==> flow/design.v <==
module add_unit_v2 #(
   parameter DWIDTH = 120,
   parameter GROUP = 10
) (
   input logic ck,
   input logic [DWIDTH-1:0] in_first,
   input logic [DWIDTH-1:0] in_second,
   input logic in_carry_in,
   output logic [DWIDTH-1:0] out_sum,
   output logic out_carry
);
   logic [DWIDTH-1:0] first_r;
   logic [DWIDTH-1:0] second_r;
   logic carry_in_r;
   localparam NG = DWIDTH / GROUP;
   logic [DWIDTH-1:0] r;
   logic [NG:0] chain;
   assign chain[0] = carry_in_r;
   for (genvar gi = 0; gi < NG; gi++) begin : gen
      wire [GROUP:0] s0 = first_r[gi*GROUP +: GROUP] + second_r[gi*GROUP +: GROUP];
      wire [GROUP:0] s1 = first_r[gi*GROUP +: GROUP] + second_r[gi*GROUP +: GROUP] + 1'b1;
      assign {chain[gi+1], r[gi*GROUP +: GROUP]} = chain[gi] ? s1 : s0;
   end
   always_ff @(posedge ck) begin
      first_r <= in_first;
      second_r <= in_second;
      carry_in_r <= in_carry_in;
      out_sum <= r;
      out_carry <= chain[NG];
   end
endmodule
# Step by step through the tools: add_unit_v2
# The steps from the RTL of add_unit_v2 to its reports follow in flow order.
# Lines are those of the file above, counted from 1.
# The mark -- stands for no value.
# inputs
top	add_unit_v2
clock_port	ck
library	sky130hd
corner	tt_025C_1v80

# Word-level counts
# Yosys after proc, flatten, opt, wreduce and memory -nomap, before mapping. Enables and synchronous resets that opt folds into registers are not counted as muxes. Memory bits, and registers merged into a memory's read port (data or address), are not among the register bits. Print and check cells are not counted. Equal cells are merged and count once.
# classes
n_addsub	24
mux	12
# ops
cell	count
10-bit by 10-bit adder with 11-bit output	12
11-bit by 1-bit adder with 11-bit output (second input constant)	12
11-bit 2-to-1 mux	12
# word_totals
ff_bits	362
inputBits	242

# Depth
# Longest topological path by Yosys (ltp), each cell counted once; first at word level (registers and memories cut), then after technology mapping (sequential cells cut; the memories' decode and read muxes count).
# logic_depth
ltp_word	14
abc_area	0
mapped_depth	23
ltp_nobuf	22

# Mapped cells and area
# Yosys stat after the flow's synthesis: flattened, memories mapped to cells. It holds for the ABC_AREA given above (unset counts as 0); a run with the other value may have another netlist.
# The area totals of this step are shown rounded.
# by_type
type	count
sky130_fd_sc_hd__dfxtp_1	362
sky130_fd_sc_hd__ha_1	132
sky130_fd_sc_hd__xnor2_1	146
sky130_fd_sc_hd__xor2_1	60
sky130_fd_sc_hd__a21oi_1	82
sky130_fd_sc_hd__o21bai_1	48
sky130_fd_sc_hd__inv_1	82
sky130_fd_sc_hd__nor2_1	77
sky130_fd_sc_hd__nand2_1	65
sky130_fd_sc_hd__fa_1	12
sky130_fd_sc_hd__nand3_1	38
sky130_fd_sc_hd__a21o_1	24
sky130_fd_sc_hd__mux2i_1	13
sky130_fd_sc_hd__nor3_1	22
sky130_fd_sc_hd__o21ai_0	21
sky130_fd_sc_hd__and3_1	16
sky130_fd_sc_hd__mux2_2	8
sky130_fd_sc_hd__and2_1	14
# Not listed: further types 44, cells in them 115.
# mapped
yosys_area_mm2	0.01451
seqArea_mm2	0.007247
ffs	362
mapped_cells	1337

# Timing after synthesis
# Path of least setup slack by OpenSTA after synthesis, without wires, with an ideal clock, recovery checks aside; 20% of the period is set as input and as output delay. Where synthesis merged equal registers, the netlist keeps one of their names.
# synth_timing
kind	register to register
start	register first_r[0]
end	register out_sum[111]
setup_time_ps	121
path_stages	23
required_time_ps	7319
delay_ps	5954
path_slack_ps	1486
arrival_ps	5833
tclk_ps	7440
synth_period_reached_ps	5954
# "delay_ps" = arrival - input delay + setup time.
# "path_stages": output pins that drive a net of the path, with the launching flip-flop's if there is one; two outputs of one cell count as two.
# "synth_period_reached_ps" = period - worst setup slack (recovery checks aside). The figure is calculated, with input and output delays left at 20% of the set period.
# The rows between start and end are the longest chain of elaborated cells between them; the timing report does not say that the signal goes this way. Where chains are equally long, one stands for them.
# A line is the first line of the expression or statement that the cell stems from. Yosys adds cells for indexed reads and writes and turns some case tables into memories.
# synth_between
cell_sequence	sky130_fd_sc_hd__dfxtp_1 sky130_fd_sc_hd__ha_1 sky130_fd_sc_hd__fa_1 sky130_fd_sc_hd__a211oi_1 sky130_fd_sc_hd__nor2_1 sky130_fd_sc_hd__xnor2_1 sky130_fd_sc_hd__o311a_1 sky130_fd_sc_hd__o2111ai_2 sky130_fd_sc_hd__xor2_2 sky130_fd_sc_hd__and2_1 sky130_fd_sc_hd__a21oi_2 sky130_fd_sc_hd__mux2i_1 sky130_fd_sc_hd__mux2i_1 sky130_fd_sc_hd__mux2i_1 sky130_fd_sc_hd__mux2i_1 sky130_fd_sc_hd__xor2_2 sky130_fd_sc_hd__nand4_2 sky130_fd_sc_hd__mux2_4 sky130_fd_sc_hd__mux2i_4 sky130_fd_sc_hd__mux2_4 sky130_fd_sc_hd__buf_8 sky130_fd_sc_hd__xnor2_2 sky130_fd_sc_hd__mux2_4
elab_chain_len	14
cone_cells	14
cone_classes	add/sub: 2; mux: 12
# synth_rtl
element	line	rtl
start: declaration	12	logic [DWIDTH-1:0] first_r;
start: assignment	25	first_r <= in_first;
10-bit by 10-bit adder with 11-bit output	21	wire [GROUP:0] s1 = first_r[gi*GROUP +: GROUP] + second_r[gi*GROUP +: GROUP] + 1'b1;
11-bit by 1-bit adder with 11-bit output	21
11-bit 2-to-1 mux x12	22	assign {chain[gi+1], r[gi*GROUP +: GROUP]} = chain[gi] ? s1 : s0;
end: assignment	28	out_sum <= r;
end: declaration	9	output logic [DWIDTH-1:0] out_sum,

# Path in the finished layout
# From the final timing report of record 1: the path of least setup slack in the routed layout; clock arrival at registers is part of the times.
# The path's times are printed in steps of 10 ps; the period is the one set.
# layout_timing
kind	register to register
start	register first_r[0]
end	register out_sum[111]
setup_time_ps	100
required_time_ps	9230
arrival_ps	7460
path_stages	22
tclk_ps	8800
path_slack_ps	1780
# The rows between start and end are the longest chain of elaborated cells between them; the timing report does not say that the signal goes this way. Where chains are equally long, one stands for them.
# layout_between
cell_sequence	sky130_fd_sc_hd__dfxtp_1 sky130_fd_sc_hd__ha_1 sky130_fd_sc_hd__fa_1 sky130_fd_sc_hd__a211oi_1 sky130_fd_sc_hd__nor2_1 sky130_fd_sc_hd__xnor2_1 sky130_fd_sc_hd__o311a_1 sky130_fd_sc_hd__o2111ai_2 sky130_fd_sc_hd__xor2_2 sky130_fd_sc_hd__and2_1 sky130_fd_sc_hd__a21oi_2 sky130_fd_sc_hd__mux2i_1 sky130_fd_sc_hd__mux2i_1 sky130_fd_sc_hd__mux2i_1 sky130_fd_sc_hd__mux2i_1 sky130_fd_sc_hd__xor2_2 sky130_fd_sc_hd__nand4_2 sky130_fd_sc_hd__mux2_4 sky130_fd_sc_hd__mux2i_4 sky130_fd_sc_hd__mux2_4 sky130_fd_sc_hd__xnor2_2 sky130_fd_sc_hd__mux2_4
elab_chain_len	14
cone_cells	14
cone_classes	add/sub: 2; mux: 12
# layout_rtl
element	line	rtl
start: declaration	12	logic [DWIDTH-1:0] first_r;
start: assignment	25	first_r <= in_first;
10-bit by 10-bit adder with 11-bit output	21	wire [GROUP:0] s1 = first_r[gi*GROUP +: GROUP] + second_r[gi*GROUP +: GROUP] + 1'b1;
11-bit by 1-bit adder with 11-bit output	21
11-bit 2-to-1 mux x12	22	assign {chain[gi+1], r[gi*GROUP +: GROUP]} = chain[gi] ? s1 : s0;
end: assignment	28	out_sum <= r;
end: declaration	9	output logic [DWIDTH-1:0] out_sum,

Hand-over note for add_unit_v2

3 stored runs of add_unit_v2 in the flow (synthesis by Yosys, layout by OpenROAD, sky130hd cells), in arbitrary order. Constraints: input delay and output delay 20% of the set period each, output load 0.01 pF.
"achievedPeriod_ps" means the clock period less the worst setup slack. The figure is calculated, with input and output delays left at 20% of the set period.
"worst_path_allowed_less_slack_ps": the worst setup path's part of the clock period (all of it between registers, 20% less for each end at a port) less its slack. A launch clock that arrives late makes it longer, a capture clock that arrives late makes it shorter.
"fin_power_mw" rests on the timing tool's default activity at the inputs, not on a simulated workload.
"worst_path_allowed_less_slack_ps" is given in steps of 10 ps.
Results are given in rounded form.

Record 1, flow files:
==> flow/run.sh <==
#!/bin/bash
# the make line also repeats the synthesis and layout settings of config.mk as NAME=value (left out here)
make -C /OpenROAD-flow-scripts/flow DESIGN_CONFIG=/design/flow/config.mk WORK_HOME=/design/flow/orfs CLKGATE_MAP_FILE= finish
==> flow/config.mk <==
export PLATFORM = sky130hd
export DESIGN_NAME = add_unit_v2
export DESIGN_NICKNAME = add_unit_v2
export VERILOG_FILES = /design/flow/design.v
export SDC_FILE = /design/flow/constraint.sdc
export NUM_CORES = 4
export LEC_CHECK = 0
export ABC_AREA = 0
export CAP_MARGIN = 20
export CELL_PAD_IN_SITES_DETAIL_PLACEMENT = 1
export CELL_PAD_IN_SITES_GLOBAL_PLACEMENT = 2
export CORE_ASPECT_RATIO = 0.96
export CORE_MARGIN = 2
export CORE_UTILIZATION = 21
export CTS_CLUSTER_DIAMETER = 112
export CTS_CLUSTER_SIZE = 25
export MAX_ROUTING_LAYER = met5
export MIN_ROUTING_LAYER = met2
export PLACE_DENSITY_LB_ADDON = 0.19
export SETUP_SLACK_MARGIN = 0.51
export SLEW_MARGIN = 30
export TNS_END_PERCENT = 80
==> flow/constraint.sdc <==
create_clock -name core_clock -period 8.8 [get_ports {ck}]
set_input_delay 1.7600 -clock core_clock [delete_from_list [all_inputs] [get_ports {ck}]]
set_output_delay 1.7600 -clock core_clock [all_outputs]
set_load 0.01 [all_outputs]

==> results of record 1, as CSV <==
result,value
layout_stdcell_area_mm2,0.01983
achievedPeriod_ps,7024
yosys.chip_area_mm2,0.01451
fin_power_mw,3.982
worst_path_allowed_less_slack_ps,7020
critical_path_kind,"register to register"
utilization_pct,29.0
fin_ws_ps,1776
tns_setup_ps,0
dieArea_mm2,0.07123
holdWs_ps,559

Record 2, flow files:
==> flow/run.sh <==
#!/bin/bash
# the make line also repeats the synthesis and layout settings of config.mk as NAME=value (left out here)
make -C /OpenROAD-flow-scripts/flow DESIGN_CONFIG=/design/flow/config.mk WORK_HOME=/design/flow/orfs CLKGATE_MAP_FILE= finish
==> flow/config.mk <==
export PLATFORM = sky130hd
export DESIGN_NAME = add_unit_v2
export DESIGN_NICKNAME = add_unit_v2
export VERILOG_FILES = /design/flow/design.v
export SDC_FILE = /design/flow/constraint.sdc
export NUM_CORES = 4
export LEC_CHECK = 0
export CAP_MARGIN = 20
export CELL_PAD_IN_SITES_DETAIL_PLACEMENT = 1
export CORE_ASPECT_RATIO = 1.37
export CORE_MARGIN = 7
export CORE_UTILIZATION = 59
export CTS_CLUSTER_SIZE = 89
export HOLD_SLACK_MARGIN = 0.05
export PLACE_DENSITY_LB_ADDON = 0.06
export SETUP_SLACK_MARGIN = 0.39
export SLEW_MARGIN = 20
==> flow/constraint.sdc <==
create_clock -name core_clock -period 4.31 [get_ports {ck}]
set_input_delay 0.8620 -clock core_clock [delete_from_list [all_inputs] [get_ports {ck}]]
set_output_delay 0.8620 -clock core_clock [all_outputs]
set_load 0.01 [all_outputs]

Record 2: did not finish, placement stopped with DPL-0033

Record 3, flow files:
==> flow/run.sh <==
#!/bin/bash
# the make line also repeats the synthesis and layout settings of config.mk as NAME=value (left out here)
make -C /OpenROAD-flow-scripts/flow DESIGN_CONFIG=/design/flow/config.mk WORK_HOME=/design/flow/orfs CLKGATE_MAP_FILE= finish
==> flow/config.mk <==
export PLATFORM = sky130hd
export DESIGN_NAME = add_unit_v2
export DESIGN_NICKNAME = add_unit_v2
export VERILOG_FILES = /design/flow/design.v
export SDC_FILE = /design/flow/constraint.sdc
export NUM_CORES = 4
export LEC_CHECK = 0
export CAP_MARGIN = 20
export CORE_MARGIN = 2
export CORE_UTILIZATION = 40
export SLEW_MARGIN = 20
==> flow/constraint.sdc <==
create_clock -name core_clock -period 7.44 [get_ports {ck}]
set_input_delay 1.4880 -clock core_clock [delete_from_list [all_inputs] [get_ports {ck}]]
set_output_delay 1.4880 -clock core_clock [all_outputs]
set_load 0.01 [all_outputs]

==> results of record 3, as CSV <==
result,value
utilization_pct,56.3
yosys.chip_area_mm2,0.01451
fin_power_mw,5.502
holdWs_ps,557
fin_ws_ps,748
tns_setup_ps,0
layout_stdcell_area_mm2,0.02006
achievedPeriod_ps,6692
dieArea_mm2,0.03782
worst_path_allowed_less_slack_ps,6690
critical_path_kind,"register to register"

End of note.
